==> flow/design.v <==
module core_plus_blk #(
  parameter integer DATA_WIDTH = 56,
  parameter integer EXT = 8
) (
  input  logic clk_i,
  input  logic rst_n,
  input  logic [DATA_WIDTH-1:0] d,
  input  logic init,
  output logic [DATA_WIDTH+EXT-1:0] res
);
  logic [DATA_WIDTH+EXT-1:0] total;
  always_ff @(posedge clk_i or negedge rst_n) begin
    if (~rst_n) begin
      total <= 0;
    end else begin
      total <= init ? 0 : total + d;
    end
  end
  assign res = total;
endmodule
=== Tool chain data of core_plus_blk ===
What the tools print for core_plus_blk, step after step.
Line numbers count from 1 in the design file above.
Operators carry their Yosys type and port widths (W data, S select, Z words).
Library cell names are shortened.
Not given: n/a

* Design top: core_plus_blk
* Clock port: clk_i
* Library: sky130hd
* Timing corner: tt_025C_1v80

=== Word-level counts ===
Source: Yosys, flattened and elaborated, memories not mapped. Widths are those after wreduce; folded enables and synchronous resets count as part of the registers. Registers that Yosys merges into a memory's read port (data or address) are not register bits. Print and check cells do not count. Equal cells are merged and count once.

* Output and inout bits: 64
* Register bits after elaboration: 64
* Word-level cells: 3
* Input port bits: 59

* Add/sub/neg operators: 1
* Multiplexer cells: 1

{| class="wikitable"
|+ Operators with widths
! operator !! count
|-
| $add A64 B56 Y64 || 1
|-
| $mux W64 || 1
|}

=== Logic depth ===
Yosys ltp: most cells in a row. Word level: on the elaborated netlist, between registers, memories and ports. Mapped: between sequential cells and ports; inverters and the memories' decode and read muxes count.

* Word-level depth: 2
* ABC_AREA: 0
* Mapped depth: 12
* Depth with buffers taken out: 12

=== Synthesis result ===
Source: synth_stat.txt of the flow (Yosys; design flattened, memories mapped). It holds for the ABC_AREA given above (unset counts as 0); a run with the other value may have another netlist.

{| class="wikitable"
|+ Cells by type
! cell !! count !! area in all (um2)
|-
| dfrtp_1 || 64 || 1.6E+03
|-
| ha_1 || 56 || 700.672
|-
| nor2_1 || 94 || 352.838
|-
| a21oi_1 || 66 || 330.317
|-
| nand2_1 || 60 || 225.216
|-
| xor2_1 || 24 || 210.202
|-
| o21ai_0 || 41 || 205.197
|-
| xnor2_1 || 23 || 201.443
|-
| o21a_1 || 15 || 112.608
|-
| nand4_1 || 16 || 100.096
|-
| a21o_1 || 12 || 90.086
|-
| nor3_1 || 17 || 85.082
|-
| nor2b_1 || 12 || 75.072
|-
| a211oi_1 || 9 || 67.565
|-
| buf_6 || 6 || 67.565
|-
| inv_1 || 18 || 67.565
|-
| o211ai_1 || 8 || 60.058
|-
| clkbuf_1 || 15 || 56.304
|}

Other cell types: 52; their cells: 116.

* Sequential part of the area: 1601.5 um2
* Buffers: 27
* Chip area (Yosys): 5519.0 um2
* Mapped flip-flops: 64
* Mapped cells: 672

=== Worst setup path after synthesis ===
Source: OpenSTA report_checks on the synthesized netlist (no wires, ideal clock, input and output delay 20% of the period each), path of least setup slack; recovery checks are left aside. Register names are those of the netlist, which keeps one name where synthesis merged equal registers.

* Kind: in2reg
* From: in d[15]
* To: reg total[51]
* Buffers on the path: 1
* Time at the first pin: 0.736 ns
* Data arrival time: 2.964 ns
* Clock period: 3.68 ns
* External input delay: 0.736 ns
* Data required time: 3.555 ns
* Slack: 0.591 ns
* Library setup time: 0.125 ns
* Stages on the path: 11
* Path delay: 2.353 ns
* Synthesis period reached: 3.089 ns

"path delay" = arrival - input delay + setup time.
"stages on the path" counts driving pins, that of a launching flip-flop among them; a cell with two outputs on the path counts twice.
"synthesis period reached" = period - worst setup slack (recovery checks aside). The figure is calculated, with input and output delays left at 20% of the set period.
Between the ends stands the longest chain of elaborated cells between them, by number of cells; it is not shown to be the way that was timed. Of several equally long chains one is given.
Each line given opens the expression or statement behind the cell; cells for indexed reads and writes are added by Yosys, which also makes memories of some case tables.

* Path through: ha_1 clkbuf_1 nand4_1 or2_1 nor3_1 o31ai_1 a21oi_1 a211oi_1 o21a_1 a22oi_1 mux2_2
* Length of the longest elaborated chain: 2
* Elaborated cells between the ends (all ways): 2
* Source lines of those cells: 1
* Those cells by class: add/sub: 1; mux: 1

{| class="wikitable"
|+ Ends and longest elaborated chain, after synthesis
! what !! line !! RTL
|-
| from (decl) || 7 || <nowiki>input  logic [DATA_WIDTH-1:0] d,</nowiki>
|-
| $add A64 B56 Y64 || 16 || <nowiki>total <= init ? 0 : total + d;</nowiki>
|-
| $mux W64 || 16 ||
|-
| to (assign) || 14 || <nowiki>total <= 0;</nowiki>
|-
| to (assign) || 16 ||
|-
| to (decl) || 11 || <nowiki>logic [DATA_WIDTH+EXT-1:0] total;</nowiki>
|}

=== Worst path after layout ===
From the final timing report of run B: the path of least setup slack in the routed layout; clock arrival at registers is part of the times.

* Kind: in2reg
* From: in d[0]
* To: reg total[28]
* Data required time: 3.93 ns
* Clock period: 3.68 ns
* Library setup time: 0.09 ns
* Slack: 0.24 ns
* Buffers on the path: 3
* Stages on the path: 15
* External input delay: 0.74 ns
* Data arrival time: 3.69 ns
* Time at the first pin: 0.74 ns

Between the ends stands the longest chain of elaborated cells between them, by number of cells; it is not shown to be the way that was timed. Of several equally long chains one is given.

* Path through: clkdlybuf4s50_1 ha_1 inv_1 fa_1 nor2b_1 o311a_1 o21a_1 o211ai_1 buf_4 a21oi_1 o41ai_1 buf_4 nor3_1 nor3_1 nor3b_1
* Length of the longest elaborated chain: 2
* Elaborated cells between the ends (all ways): 2
* Source lines of those cells: 1
* Those cells by class: add/sub: 1; mux: 1

{| class="wikitable"
|+ Ends and longest elaborated chain, after layout
! what !! line !! RTL
|-
| from (decl) || 7 || <nowiki>input  logic [DATA_WIDTH-1:0] d,</nowiki>
|-
| $add A64 B56 Y64 || 16 || <nowiki>total <= init ? 0 : total + d;</nowiki>
|-
| $mux W64 || 16 ||
|-
| to (assign) || 14 || <nowiki>total <= 0;</nowiki>
|-
| to (assign) || 16 ||
|-
| to (decl) || 11 || <nowiki>logic [DATA_WIDTH+EXT-1:0] total;</nowiki>
|}

Appendix: measured runs

core_plus_blk through Yosys and OpenROAD on sky130hd: 3 stored runs, unordered, with their settings and measured results. The constraints put input and output delay at 20% of the set period each and load the outputs with 0.01 pF.
"achieved period" is the run's clock period less its worst setup slack. It is reckoned from that one timing run; input and output delays stay at 20% of the period that was set.
"total power of the final layout": no workload was simulated; the value follows from the tool's default switching activity.

=== Run A ===
{| class="wikitable"
! Setting !! Value
|-
| period_ns || 3.46
|-
| CORE_UTILIZATION || 66
|-
| PLACE_DENSITY || 0.8
|-
| CORE_MARGIN || 5
|-
| CAP_MARGIN || 5
|-
| SLEW_MARGIN || 10
|}
Unfinished; error GRT-0116 in routing.

=== Run B ===
{| class="wikitable"
! Setting !! Value
|-
| period_ns || 3.68
|-
| CAP_MARGIN || 20
|-
| CORE_MARGIN || 2
|-
| CORE_UTILIZATION || 40
|-
| SLEW_MARGIN || 20
|-
! Result !! Value
|-
| Sum of negative setup slack || 0.000 ns
|-
| Std-cell area (final layout) || 7776.2 um2
|-
| Mapped cell area after synthesis || 5519.0 um2
|-
| Die area || 14753.7 um2
|-
| Worst setup slack after layout || 0.237 ns
|-
| Achieved period || 3.443 ns
|-
| Total power of the final layout || 6.194 mW
|}

=== Run C ===
{| class="wikitable"
! Setting !! Value
|-
| period_ns || 3.51
|-
| CORE_UTILIZATION || 33
|-
| SETUP_SLACK_MARGIN || 0.86
|-
| PLACE_DENSITY || 0.93
|-
| CORE_MARGIN || 7
|-
| CELL_PAD_IN_SITES_GLOBAL_PLACEMENT || 2
|-
| GPL_ROUTABILITY_DRIVEN || 0
|-
| MAX_ROUTING_LAYER || met5
|-
| CAP_MARGIN || 20
|-
| SLEW_MARGIN || 20
|-
! Result !! Value
|-
| Total power of the final layout || 8.396 mW
|-
| Mapped cell area after synthesis || 5519.0 um2
|-
| Worst setup slack after layout || 0.634 ns
|-
| Die area || 20540.6 um2
|-
| Achieved period || 2.876 ns
|-
| Sum of negative setup slack || 0.000 ns
|-
| Std-cell area (final layout) || 10035.9 um2
|}
